==> flow/design.v <==
module dp_scratch_v2 #(
  parameter int D = 32,
  parameter int DATA_W = 64,
  parameter int IDX_W = $clog2(D)
) (
  input  logic clk,
  input  logic i_wr,
  input  logic [IDX_W-1:0] i_wr_addr,
  input  logic [DATA_W-1:0] i_din,
  input  logic [IDX_W-1:0] i_read_addr_a,
  input  logic [IDX_W-1:0] i_read_addr_b,
  output logic [DATA_W-1:0] o_dout_a,
  output logic [DATA_W-1:0] o_dout_b
);
  logic wr_r;
  logic [IDX_W-1:0] wr_addr_r;
  logic [DATA_W-1:0] din_r;
  logic [DATA_W-1:0] rf [0:D-1];
  always_ff @(posedge clk) begin
    if (wr_r && wr_addr_r != 0)
      rf[wr_addr_r] <= din_r;
  end
  logic [IDX_W-1:0] read_addr_a_r;
  logic [IDX_W-1:0] read_addr_b_r;
  assign o_dout_a = (read_addr_a_r == 0) ? {DATA_W{1'b0}} : rf[read_addr_a_r];
  assign o_dout_b = (read_addr_b_r == 0) ? {DATA_W{1'b0}} : rf[read_addr_b_r];
  always_ff @(posedge clk) begin
    wr_r <= i_wr;
    wr_addr_r <= i_wr_addr;
    din_r <= i_din;
    read_addr_a_r <= i_read_addr_a;
    read_addr_b_r <= i_read_addr_b;
  end
endmodule
* From RTL to reports: dp_scratch_v2
What the tools print for dp_scratch_v2, step after step. Lines are those of the file above, counted from 1. Operators carry their Yosys type and port widths (W data, S select, Z words). Library cell names are shortened. Not given: -
Design: top module dp_scratch_v2, clock input clk, standard-cell library sky130hd, library corner tt_025C_1v80

* Word-level counts
Yosys after proc, flatten, opt, wreduce and memory -nomap, before mapping. Enables and synchronous resets that opt folds into registers are not counted as muxes. Print and check cells are not counted. Equal cells are merged and count once. Yosys's memory passes give these memory sizes; they may raise the number of words (mostly to a power of two), join words into wider ones and drop unused or constant bits.
Storage and ports: register bits 80, clocked read ports x word width 128, input bits 81, output and inout bits 128, cells after elaboration 15, bits in writable memories 2048, memories 1, bits in read-only memories 0, bits in latches 0
Operators by class: add/subtract/negate cells 0, reductions and logical operators 4, eq/ne operators 0, multiplexer cells 5, order comparisons 0, bitwise gates (word level) 0, shift-type cells 0, $mul 0, div/mod/pow operators 0
Memories:
- rf | words 32, width 64, read ports 2, write ports 1, RTL line 18 | logic [DATA_W-1:0] rf [0:D-1];
Operators with widths (count):
- $mux W64 | 3
- $logic_not A5 Y1 | 2
- $reduce_bool A5 Y1 | 1
- $mux W5 | 1
- $logic_and A1 B1 Y1 | 1
- $mux W1 | 1

* Longest topological paths
Yosys ltp: most cells in a row. Word level: on the elaborated netlist, between registers, memories and ports. Mapped: between sequential cells and ports; inverters and the memories' decode and read muxes count.
Depth: depth in word-level cells 3, ABC_AREA 0, depth in mapped cells 10, mapped depth without buffers 4

* Netlist
The flow's flattened synthesis, as Yosys stat reports it; memories are mapped. The netlist is that of the ABC_AREA named above (0 if unset); the other value can give another one. The area totals of this step are shown rounded.
Synthesis totals: buffer cells 376, flip-flop cells 2128, sequential part of the area 0.063 mm^2, mapped cells 4645, mapped area 0.096 mm^2
Cell types:
- edfxtp_1 | count 2048, area in all 6.15E+04 um^2
- mux4_2 | count 920, area in all 2.07E+04 um^2
- mux2i_1 | count 284, area in all 2.84E+03 um^2
- mux2_2 | count 149, area in all 1.68E+03 um^2
- dfxtp_1 | count 80, area in all 1.6E+03 um^2
- clkbuf_1 | count 165, area in all 619.344 um^2
- o221ai_1 | count 69, area in all 604.33 um^2
- buf_2 | count 120, area in all 600.576 um^2
- a221oi_1 | count 68, area in all 595.571 um^2
- a22oi_1 | count 75, area in all 563.04 um^2
- a22o_1 | count 59, area in all 516.746 um^2
- o22ai_1 | count 70, area in all 437.92 um^2
- a211oi_1 | count 58, area in all 435.418 um^2
- and3_1 | count 59, area in all 369.104 um^2
- a21o_1 | count 49, area in all 367.853 um^2
- nor3_1 | count 64, area in all 320.307 um^2
- buf_6 | count 28, area in all 315.302 um^2
- nand2_1 | count 71, area in all 266.506 um^2
Other cell types: 32; their cells: 209.

* Path before layout
Path of least setup slack by OpenSTA after synthesis, without wires, with an ideal clock, recovery checks aside; 20% of the period is set as input and as output delay. Where synthesis merged equal registers, the netlist keeps one of their names.
Timing path after synthesis: kind reg-to-reg, start point register wr_r, end point memory rf[28][0], library setup time 487 ps, clock period 5160 ps, buffers on the path 1, path delay 4132 ps, arrival 3645 ps, launch time at the first pin 0 ps, setup slack 1029 ps, required time 4673 ps, stages 4, period reached after synthesis 4131 ps
"path delay" = arrival - input delay + setup time. "stages": output pins that drive a net of the path, with the launching flip-flop's if there is one; two outputs of one cell count as two. "period reached after synthesis" = period - worst setup slack (recovery checks aside). The figure is calculated, with input and output delays left at 20% of the set period. Between the ends stands the longest chain of elaborated cells between them, by number of cells; it is not shown to be the way that was timed. Of several equally long chains one is given. Each line given opens the expression or statement behind the cell; cells for indexed reads and writes are added by Yosys, which also makes memories of some case tables. The path ends at the enable pin of a flip-flop; only ways to that pin are counted.
On the way, after synthesis: path through dfxtp_1 > or3b_2 > clkbuf_1 > nor2_1, length of the longest elaborated chain 2, elaborated cells on any way between the ends 3, RTL lines with such cells 1, classes of those cells mux: 2; reduce/logical: 1
RTL lines, path after synthesis:
- start, declared | RTL line 15 | logic wr_r;
- start, assigned | RTL line 28 | wr_r <= i_wr;
- $logic_and A1 B1 Y1 | RTL line 20 | if (wr_r && wr_addr_r != 0)
- $mux W5 | RTL line 20
- end, declared | RTL line 18 | logic [DATA_W-1:0] rf [0:D-1];

* Path in the finished layout
Path of least setup slack in the final report of stored run 1 (OpenROAD, finished layout, wires in). Where an end is a register, its clock arrival counts in the times. The report prints the path's times to 10 ps; the period is as set.
Timing path post-layout: kind reg-to-output, start point register read_addr_b_r[3], end point output o_dout_b[10], output delay 1150 ps, buffers on the path 2, required time 4580 ps, setup slack -350 ps, arrival 4940 ps, clock period 5730 ps, launch time at the first pin 880 ps, stages 7
Between the ends stands the longest chain of elaborated cells between them, by number of cells; it is not shown to be the way that was timed. Of several equally long chains one is given.
On the way, post-layout: path through dfxtp_2 > and2_4 > buf_4 > a22o_1 > a211oi_1 > nor3_1 > clkdlybuf4s50_1, length of the longest elaborated chain 2, elaborated cells on any way between the ends 2, RTL lines with such cells 1, classes of those cells mux: 1; reduce/logical: 1
RTL lines, path post-layout:
- start, declared | RTL line 24 | logic [IDX_W-1:0] read_addr_b_r;
- start, assigned | RTL line 32 | read_addr_b_r <= i_read_addr_b;
- $logic_not A5 Y1 | RTL line 26 | assign o_dout_b = (read_addr_b_r == 0) ? {DATA_W{1'b0}} : rf[read_addr_b_r];
- $mux W64 | RTL line 26
- end, declared | RTL line 13 | output logic [DATA_W-1:0] o_dout_b

Subject: dp_scratch_v2 on sky130hd, stored results

Hello all,

Measured results for dp_scratch_v2: 3 stored runs of the Yosys and OpenROAD flow on sky130hd. The settings differ; the order carries no meaning. The constraints put input and output delay at 20% of the set period each and load the outputs with 0.01 pF.
"achieved period" = clock period - worst setup slack. The figure is calculated, with input and output delays left at 20% of the set period.
"worst path time" means the part of the period allowed to the worst setup path (the constraints hold back 20% at inputs and 20% at outputs) less its slack; where the path has registers, the arrival times of their clocks count too.
"total power after layout" is the tool's figure for a default switching activity; nothing was simulated.
"worst path time" is known to 10 ps.
Measured values are rounded.

* Stored run 1 | settings: period_ns 5.73; CORE_UTILIZATION 43; SETUP_SLACK_MARGIN -0.31; PLACE_DENSITY_LB_ADDON 0.03; CORE_MARGIN 3; CELL_PAD_IN_SITES_DETAIL_PLACEMENT 2; TNS_END_PERCENT 10; ABC_AREA 0; GPL_ROUTABILITY_DRIVEN 0; CTS_CLUSTER_SIZE 99; CTS_CLUSTER_DIAMETER 380; MIN_ROUTING_LAYER met2; MAX_ROUTING_LAYER met5; CAP_MARGIN 20; SLEW_MARGIN 20 | results: total power after layout 26,000 µW; chip area after synthesis (Yosys) 0.096 mm^2; overall die area 0.23 mm^2; worst path time 4,940 ps; worst setup path kind reg-to-output; sum of negative setup slack -1,600 ps; final worst hold slack 600 ps; setup slack of the critical path -350 ps; standard-cell area of the final layout 0.1 mm^2; achieved period 6,085 ps; final utilization 47 %
* Stored run 2 | settings: period_ns 7.36; CORE_UTILIZATION 62; PLACE_DENSITY_LB_ADDON 0.11; CORE_MARGIN 5; CELL_PAD_IN_SITES_DETAIL_PLACEMENT 1; TNS_END_PERCENT 65; GPL_TIMING_DRIVEN 1; CTS_CLUSTER_SIZE 92; CAP_MARGIN 40; SLEW_MARGIN 20 | results: achieved period 6,173 ps; worst path time 4,700 ps; worst setup path kind reg-to-output; final worst hold slack 530 ps; overall die area 0.16 mm^2; chip area after synthesis (Yosys) 0.096 mm^2; setup slack of the critical path 1,200 ps; final utilization 71 %; sum of negative setup slack 0 ps; total power after layout 27,000 µW; standard-cell area of the final layout 0.11 mm^2
* Stored run 3 | settings: period_ns 5.16; CAP_MARGIN 20; CORE_MARGIN 2; CORE_UTILIZATION 40; SLEW_MARGIN 20 | results: sum of negative setup slack 0 ps; standard-cell area of the final layout 0.11 mm^2; worst path time 4,060 ps; worst setup path kind reg-to-output; total power after layout 39,000 µW; chip area after synthesis (Yosys) 0.096 mm^2; final worst hold slack 560 ps; overall die area 0.24 mm^2; final utilization 47 %; achieved period 5,088 ps; setup slack of the critical path 72 ps

Thanks
